==> flow/design.v <==
module shifter_v2 #(
  parameter integer W = 12,
  parameter integer SBITS = $clog2(W)
) (
  input  logic clock,
  input  logic [W-1:0] d,
  input  logic [W-1:0] B,
  input  logic [SBITS-1:0] dist_in,
  output logic [W-1:0] result
);
  logic [W-1:0] d_r;
  logic [W-1:0] B_r;
  logic [SBITS-1:0] dist_in_r;
  logic [2*W-1:0] cur;
  assign cur = {B_r, d_r} >> dist_in_r;
  assign result = cur[W-1:0];
  always_ff @(posedge clock) begin
    d_r <= d;
    B_r <= B;
    dist_in_r <= dist_in;
  end
endmodule
Lab notebook: shifter_v2

* Reports on shifter_v2
Module shifter_v2 in several versions that differ in "W"; each step lists the members.
The file above is the member W 12. Line numbers count from 1 in each member's own file.
Operators carry their Yosys type and port widths (W data, S select, Z words).
Cell names lack the library's common part.
A cell with n/a has no value.
- Top module :: shifter_v2
- Clock :: clock
- Standard-cell library :: sky130hd
- Library corner :: tt_025C_1v80

* Source of the members
Lines of each other member's file that are new or changed against the file above; lines that a member lacks are not shown.
** New or changed lines
- W 20 :: line 2 : parameter integer W = 20,
- W 24 :: line 2 : parameter integer W = 24,
- W 32 :: line 2 : parameter integer W = 32,
- W 56 :: line 2 : parameter integer W = 56,

* Elaborated design
Yosys after proc, flatten, opt, wreduce and memory -nomap, before mapping. Enables and synchronous resets that opt folds into registers are not counted as muxes. Memory bits, and registers merged into a memory's read port (data or address), are not among the register bits. Print and check cells are not counted. Equal cells are merged and count once.
** Storage and ports
- W 12 :: register bits after elaboration 28, elaborated cells 4, input port bits 29, output and inout port bits 12
- W 20 :: register bits after elaboration 45, elaborated cells 4, input port bits 46, output and inout port bits 20
- W 24 :: register bits after elaboration 53, elaborated cells 4, input port bits 54, output and inout port bits 24
- W 32 :: register bits after elaboration 69, elaborated cells 4, input port bits 70, output and inout port bits 32
- W 56 :: register bits after elaboration 118, elaborated cells 4, input port bits 119, output and inout port bits 56
** Operators by class (shift operators)
- W 12 :: 1
- W 20 :: 1
- W 24 :: 1
- W 32 :: 1
- W 56 :: 1
** Operators with widths (kind and count)
- W 12 :: 1 x $shr A24 B4 Y12
- W 20 :: 1 x $shr A40 B5 Y20
- W 24 :: 1 x $shr A48 B5 Y24
- W 32 :: 1 x $shr A64 B5 Y32
- W 56 :: 1 x $shr A112 B6 Y56

* Longest topological paths
Longest topological path by Yosys (ltp), each cell counted once; first at word level (registers and memories cut), then after technology mapping (sequential cells cut; the memories' decode and read muxes count).
** Depth
- W 12 :: word-level depth 1, ABC_AREA 0, gate-level depth with buffers 7, gate-level depth less buffers 4
- W 20 :: word-level depth 1, ABC_AREA 0, gate-level depth with buffers 8, gate-level depth less buffers 4
- W 24 :: word-level depth 1, ABC_AREA 0, gate-level depth with buffers 8, gate-level depth less buffers 4
- W 32 :: word-level depth 1, ABC_AREA 0, gate-level depth with buffers 9, gate-level depth less buffers 4
- W 56 :: word-level depth 1, ABC_AREA 0, gate-level depth with buffers 12, gate-level depth less buffers 5

* Netlist
The flow's flattened synthesis, as Yosys stat reports it; memories are mapped. The netlist is that of the ABC_AREA named above (0 if unset); the other value can give another one.
The area totals of this step are shown rounded.
** Cell types (type and count)
- W 12 :: 28 x dfxtp_1; 24 x mux4_2; 9 x mux2i_1; 3 x mux4_1; 12 x nand3_1; 6 x a22oi_1; 4 x mux2_2; 7 x nor2b_1; 7 x buf_2; 8 x nand2_1; 6 x nor2_1; 4 x a21oi_1; 2 x a221o_1; 2 x a211oi_1; 1 x buf_6; 3 x clkbuf_1; 1 x buf_4; 1 x nand3b_1; (+5)
- W 20 :: 43 x mux4_2; 45 x dfxtp_1; 35 x mux2_2; 20 x mux2i_1; 16 x a22oi_1; 18 x nand2_1; 13 x buf_2; 4 x mux2_4; 11 x nand3_1; 6 x o211ai_1; 7 x nor2b_1; 10 x nor2_1; 4 x a221oi_1; 4 x a2bb2oi_1; 5 x and2_1; 3 x a222oi_1; 6 x o21ai_0; 3 x a211o_1; (+63)
- W 24 :: 53 x dfxtp_1; 29 x mux4_2; 38 x mux2i_1; 30 x mux2_2; 7 x mux4_1; 27 x o22ai_1; 11 x a222oi_1; 19 x clkbuf_1; 13 x nand3_1; 10 x nor2b_1; 7 x a2bb2oi_1; 7 x a32oi_1; 12 x nor3_1; 8 x o211ai_1; 9 x nand2b_1; 7 x a22oi_1; 14 x nand2_1; 6 x buf_4; (+88)
- W 32 :: 68 x dfxtp_1; 79 x mux2i_1; 22 x mux4_2; 38 x mux2_2; 25 x a22oi_1; 15 x o221ai_1; 15 x o22a_1; 11 x a2bb2oi_1; 22 x nand2_1; 9 x o211ai_1; 4 x mux2_4; 11 x nand3_1; 7 x buf_4; 2 x mux4_1; 9 x buf_2; 5 x o2111ai_1; 11 x clkbuf_1; 2 x buf_12; (+68)
- W 56 :: 130 x mux4_2; 118 x dfxtp_1; 136 x mux2i_1; 145 x nand2_1; 26 x mux2_2; 31 x o221ai_1; 22 x a22oi_1; 21 x o211ai_1; 40 x nor2_1; 38 x clkbuf_1; 27 x a21oi_1; 12 x mux2_1; 25 x buf_2; 10 x buf_6; 22 x o21ai_0; 21 x o21ai_1; 16 x o22ai_1; 10 x a221oi_1; (+129)
The mark (+n) counts cells that are not listed.
** Synthesis totals
- W 12 :: sequential part of the area 560 um^2, cells in the netlist 133, synthesis area 1700 um^2, buffer cells 12, flip-flop cells 28
- W 20 :: sequential part of the area 900 um^2, cells in the netlist 316, synthesis area 3600 um^2, buffer cells 29, flip-flop cells 45
- W 24 :: sequential part of the area 1100 um^2, cells in the netlist 395, synthesis area 4100 um^2, buffer cells 40, flip-flop cells 53
- W 32 :: sequential part of the area 1400 um^2, cells in the netlist 423, synthesis area 4600 um^2, buffer cells 33, flip-flop cells 68
- W 56 :: sequential part of the area 2400 um^2, cells in the netlist 979, synthesis area 10000 um^2, buffer cells 95, flip-flop cells 118

* Timing after synthesis
OpenSTA on the mapped netlist: ideal clock, no wires. The path of least setup slack (recovery checks aside). Input and output delay are each 20% of the period. Register names are those of the netlist, which keeps one name where synthesis merged equal registers.
** Path post-synthesis
- W 12 :: kind reg-to-output, start point register dist_in_r[0], end point output port result[3], slack 0.397 ns, path delay 1.603 ns, stages 6, period 2.5 ns, synthesis period reached 2.103 ns
- W 20 :: kind reg-to-output, start point register dist_in_r[0], end point output port result[3], slack 0.450 ns, path delay 1.798 ns, stages 7, period 2.81 ns, synthesis period reached 2.36 ns
- W 24 :: kind reg-to-output, start point register dist_in_r[0], end point output port result[16], slack 0.501 ns, path delay 2.011 ns, stages 8, period 3.14 ns, synthesis period reached 2.639 ns
- W 32 :: kind reg-to-output, start point register dist_in_r[0], end point output port result[1], slack 0.483 ns, path delay 1.933 ns, stages 7, period 3.02 ns, synthesis period reached 2.537 ns
- W 56 :: kind reg-to-output, start point register dist_in_r[0], end point output port result[42], slack 0.570 ns, path delay 2.270 ns, stages 7, period 3.55 ns, synthesis period reached 2.98 ns
"path delay" is the arrival time less input delay plus setup time.
At an output port there is no setup time.
"stages": output pins that drive a net of the path, with the launching flip-flop's if there is one; two outputs of one cell count as two.
"synthesis period reached" = period - worst setup slack (recovery checks aside). The figure is calculated, with input and output delays left at 20% of the set period.
Between the ends stands the longest chain of elaborated cells between them, by number of cells; it is not shown to be the way that was timed. Of several equally long chains one is given.
Each line given opens the expression or statement behind the cell; cells for indexed reads and writes are added by Yosys, which also makes memories of some case tables.
On the way, post-synthesis, W 12:
- Cells in the longest elaborated chain :: 1
** RTL lines, path post-synthesis, W 12
- start: declaration :: line 13 : logic [SBITS-1:0] dist_in_r;
- start: assignment :: line 20 : dist_in_r <= dist_in;
- $shr A24 B4 Y12 :: line 15 : assign cur = {B_r, d_r} >> dist_in_r;
- end: declaration :: line 9 : output logic [W-1:0] result
On the way, post-synthesis, W 56:
- Cells in the longest elaborated chain :: 1
** RTL lines, path post-synthesis, W 56
- start: declaration :: line 13 : logic [SBITS-1:0] dist_in_r;
- start: assignment :: line 20 : dist_in_r <= dist_in;
- $shr A112 B6 Y56 :: line 15 : assign cur = {B_r, d_r} >> dist_in_r;
- end: declaration :: line 9 : output logic [W-1:0] result

* Worst path after layout
From the final timing report of each member's run: the path of least setup slack in the routed layout; clock arrival at registers is part of the times.
** Path after layout
- W 12 :: kind reg-to-output, start point register dist_in_r[0], end point output port result[3], data arrival time 2.02 ns, slack -0.02 ns, period 2.5 ns, path buffers 2, stages 6
- W 20 :: kind reg-to-output, start point register dist_in_r[0], end point output port result[3], data arrival time 2.47 ns, slack -0.22 ns, period 2.81 ns, path buffers 3, stages 8
- W 24 :: kind reg-to-output, start point register dist_in_r[0], end point output port result[9], data arrival time 2.67 ns, slack -0.16 ns, period 3.14 ns, path buffers 4, stages 9
- W 32 :: kind reg-to-output, start point register dist_in_r[0], end point output port result[12], data arrival time 2.54 ns, slack -0.13 ns, period 3.02 ns, path buffers 2, stages 7
- W 56 :: kind reg-to-output, start point register dist_in_r[0], end point output port result[52], data arrival time 2.98 ns, slack -0.14 ns, period 3.55 ns, path buffers 4, stages 10

* Measured runs
Settings and results of one run of the flow (Yosys, OpenROAD) for each member follow. The constraints put input and output delay at 20% of the set period each and load the outputs with 0.01 pF.
- CAP_MARGIN :: 20
- CORE_MARGIN :: 2
- CORE_UTILIZATION :: 40
- SLEW_MARGIN :: 20
** Settings by member (period_ns)
- W 12 :: 2.5
- W 20 :: 2.81
- W 24 :: 3.14
- W 32 :: 3.02
- W 56 :: 3.55
** Measured results
- W 12 :: Yosys chip area after synthesis 1700 um^2, worst hold slack in the final report 0.64 ns, reached clock period 2.516 ns, setup TNS -0.026 ns, setup slack of the worst path -0.016 ns, utilization after routing 0.59, standard-cell area of the final layout 2400 um^2, die outline area 4700 um^2, total design power 1200 µW
- W 20 :: Yosys chip area after synthesis 3600 um^2, worst hold slack in the final report 0.67 ns, reached clock period 3.034 ns, setup TNS -2.4 ns, setup slack of the worst path -0.22 ns, utilization after routing 0.6, standard-cell area of the final layout 5200 um^2, die outline area 9700 um^2, total design power 2000 µW
- W 24 :: Yosys chip area after synthesis 4100 um^2, worst hold slack in the final report 0.71 ns, reached clock period 3.300 ns, setup TNS -0.53 ns, setup slack of the worst path -0.16 ns, utilization after routing 0.58, standard-cell area of the final layout 5900 um^2, die outline area 11000 um^2, total design power 2000 µW
- W 32 :: Yosys chip area after synthesis 4600 um^2, worst hold slack in the final report 0.69 ns, reached clock period 3.148 ns, setup TNS -1.2 ns, setup slack of the worst path -0.13 ns, utilization after routing 0.63, standard-cell area of the final layout 7200 um^2, die outline area 12000 um^2, total design power 3100 µW
- W 56 :: Yosys chip area after synthesis 10000 um^2, worst hold slack in the final report 0.70 ns, reached clock period 3.691 ns, setup TNS -1.4 ns, setup slack of the worst path -0.14 ns, utilization after routing 0.61, standard-cell area of the final layout 15000 um^2, die outline area 27000 um^2, total design power 5800 µW
"reached clock period" = clock period - worst setup slack. The figure is calculated, with input and output delays left at 20% of the set period.
"total design power" is the tool's figure for a default switching activity; nothing was simulated.
The results are shown rounded.
